==> flow/design.v <==
module gen_relation #(
   parameter BITS = 16
) (
   input wire clk_i,
   input wire [BITS-1:0] i_x,
   input wire [BITS-1:0] i_y,
   output reg o_equal
);
   reg [BITS-1:0] x_q;
   reg [BITS-1:0] y_q;
   always @(posedge clk_i) begin
      x_q <= i_x;
      y_q <= i_y;
   end
   wire [BITS-1:0] work = x_q ^ y_q;
   always @(posedge clk_i)
      o_equal <= ~|work;
endmodule
From RTL to reports: gen_relation
The steps from the RTL of gen_relation to its reports follow in flow order.
Line numbers count from 1 in the design file above.
Library cell names are shortened.
{"block": "inputs", "design": "gen_relation", "clock_port": "clk_i", "lib": "sky130hd", "lib_corner": "tt_025C_1v80"}

Word level
Counts by Yosys on the flattened word-level netlist (proc, flatten, opt, wreduce; memories kept). Register bits leave out memories and registers merged into their read ports (data or address); mux counts leave out enables and synchronous resets folded into registers. Print and check cells are left out. Cells with the same type and inputs are merged into one.
{"block": "word_totals", "register_bits": 33, "inputBits": 33, "out_inout_bits": 1, "wordCells": 6}
{"block": "classes", "bitwise": 1, "n_reduce_logical": 2}
{"block": "ops", "cell": "XOR 16 bit", "n": 1}
{"block": "ops", "cell": "OR reduction 16 bit", "n": 1}
{"block": "ops", "cell": "zero test 1 bit", "n": 1}

Logic depth
Yosys ltp: most cells in a row. Word level: on the elaborated netlist, between registers, memories and ports. Mapped: between sequential cells and ports; inverters and the memories' decode and read muxes count.
{"block": "logic_depth", "ltp_word": 3, "ABC_AREA": 0, "ltp_mapped": 3, "ltp_nobuf": 3}

Synthesis result
Yosys stat after the flow's synthesis: flattened, memories mapped to cells. It holds for the ABC_AREA given above (unset counts as 0); a run with the other value may have another netlist.
The area totals of this step are shown rounded.
{"block": "synth_totals", "mapped_cells": 54, "area_mm2": 0.000838, "sequential_area_mm2": 0.000661, "ff_cells": 33, "n_buf": 0}
{"block": "by_type", "cell": "dfxtp_1", "n": 33, "type_area_um2": 660.634}
{"block": "by_type", "cell": "xnor2_1", "n": 16, "type_area_um2": 140.134}
{"block": "by_type", "cell": "nand4_1", "n": 4, "type_area_um2": 25.024}
{"block": "by_type", "cell": "nor4_2", "n": 1, "type_area_um2": 12.512}

Worst setup path after synthesis
Source: OpenSTA report_checks on the synthesized netlist (no wires, ideal clock, input and output delay 20% of the period each), path of least setup slack; recovery checks are left aside. Register names are those of the netlist, which keeps one name where synthesis merged equal registers.
{"block": "synth_path", "kind": "register to register", "from": "register y_q[10]", "to": "register o_equal", "tclk_ns": 1.08, "setup_time_ns": 0.088, "t_first_pin_ns": 0.000, "arrival_ns": 0.777, "required_time_ns": 0.992, "setup_slack_ns": 0.215, "delay_ns": 0.865, "driving_pins": 4, "path_buffers": 0, "period_less_setup_slack_ns": 0.865}
"delay_ns" = arrival - input delay + setup time.
"driving_pins": output pins that drive a net of the path, with the launching flip-flop's if there is one; two outputs of one cell count as two.
"period_less_setup_slack_ns" is the clock period less the worst setup slack; recovery checks do not enter. This is arithmetic on one report: input and output delays are still those of the set period (20% each).
Between the ends stands the longest chain of elaborated cells between them, by number of cells; it is not shown to be the way that was timed. Of several equally long chains one is given.
Each line given opens the expression or statement behind the cell; cells for indexed reads and writes are added by Yosys, which also makes memories of some case tables.
{"block": "synth_via", "path_cell_list": "dfxtp_1 xnor2_1 nand4_1 nor4_2", "elab_chain_len": 3, "cone_cells": 3, "lines_between": 2, "classes_between": "logic (1); reduce/logical (2)"}
{"block": "synth_rtl", "element": "start, declared", "line_no": 10, "source": "reg [BITS-1:0] y_q;"}
{"block": "synth_rtl", "element": "start, assigned", "line_no": 13, "source": "y_q <= i_y;"}
{"block": "synth_rtl", "element": "XOR 16 bit", "line_no": 15, "source": "wire [BITS-1:0] work = x_q ^ y_q;"}
{"block": "synth_rtl", "element": "OR reduction 16 bit", "line_no": 17, "source": "o_equal <= ~|work;"}
{"block": "synth_rtl", "element": "zero test 1 bit", "line_no": 17}
{"block": "synth_rtl", "element": "end, assigned", "line_no": 17}
{"block": "synth_rtl", "element": "end, declared", "line_no": 7, "source": "output reg o_equal"}

Path in the finished layout
Path of least setup slack in the final report of run 1 (OpenROAD, finished layout, wires in). Where an end is a register, its clock arrival counts in the times.
{"block": "layout_path", "kind": "register to output", "from": "register o_equal", "to": "output o_equal", "tclk_ns": 1.08, "out_delay_ns": 0.22, "t_first_pin_ns": 0.31, "arrival_ns": 0.75, "required_time_ns": 0.86, "setup_slack_ns": 0.12, "driving_pins": 2, "path_buffers": 1}
{"block": "layout_via", "path_cell_list": "dfxtp_1 buf_2", "elab_chain_len": 0, "cone_cells": 0, "lines_between": 0}
{"block": "layout_rtl", "element": "start, declared", "line_no": 7, "source": "output reg o_equal"}
{"block": "layout_rtl", "element": "start, assigned", "line_no": 17, "source": "o_equal <= ~|work;"}
{"block": "layout_rtl", "element": "end, declared", "line_no": 7}

--- measured runs ---
Module gen_relation, platform sky130hd: 3 stored runs of the flow (Yosys, OpenROAD) with differing settings, in no particular order. Input and output delays are each 20% of the period that was set; the output load is 0.01 pF.
"timing.achieved_period_ns" means the clock period less the worst setup slack. The figure is calculated, with input and output delays left at 20% of the set period.
"timing.worst_path_ns": the worst setup path's part of the clock period (all of it between registers, 20% less for each end at a port) less its slack. A launch clock that arrives late makes it longer, a capture clock that arrives late makes it shorter.
By "totalPower_uw" is meant OpenSTA's value without simulated activity: inputs other than the clock are taken to toggle once in ten clock periods, and the tool carries that through the logic.
The results are shown rounded.

{"run": "run 1", "settings": { "period_ns": 1.08, "CAP_MARGIN": 20, "CORE_MARGIN": 2, "CORE_UTILIZATION": 40, "SLEW_MARGIN": 20 }, "results": { "yosys.chip_area_mm2": 0.000838, "design_die_area_mm2": 0.00248, "layout_stdcell_area_mm2": 0.00125, "fin_util_pct": 63.5, "ws_setup_ns": 0.118, "setupTns_ns": 0.000, "ws_hold_ns": 0.336, "totalPower_uw": 2080, "timing.achieved_period_ns": 0.962, "timing.worst_path_ns": 0.75, "worstPathKind": "register to output" }}
{"run": "run 2", "settings": { "period_ns": 0.543, "CORE_UTILIZATION": 59, "SETUP_SLACK_MARGIN": -0.03, "PLACE_DENSITY_LB_ADDON": 0.13, "CORE_MARGIN": 3, "CELL_PAD_IN_SITES_DETAIL_PLACEMENT": 2, "ABC_AREA": 0, "GPL_TIMING_DRIVEN": 1, "GPL_ROUTABILITY_DRIVEN": 1, "CTS_CLUSTER_DIAMETER": 374, "CAP_MARGIN": 0, "SLEW_MARGIN": 0, "MAX_ROUTING_LAYER": "met5" }, "outcome": "no results, placement failed with FLW-0024"}
{"run": "run 3", "settings": { "period_ns": 0.731, "CORE_UTILIZATION": 40, "PLACE_DENSITY_LB_ADDON": 0.11, "CORE_ASPECT_RATIO": 0.94, "CORE_MARGIN": 9, "CELL_PAD_IN_SITES_GLOBAL_PLACEMENT": 3, "TNS_END_PERCENT": 50, "GPL_TIMING_DRIVEN": 1, "GPL_ROUTABILITY_DRIVEN": 1, "CAP_MARGIN": 35, "MIN_ROUTING_LAYER": "met2", "MAX_ROUTING_LAYER": "met5", "SLEW_MARGIN": 20 }, "outcome": "no results, placement failed with FLW-0024"}
--- end ---
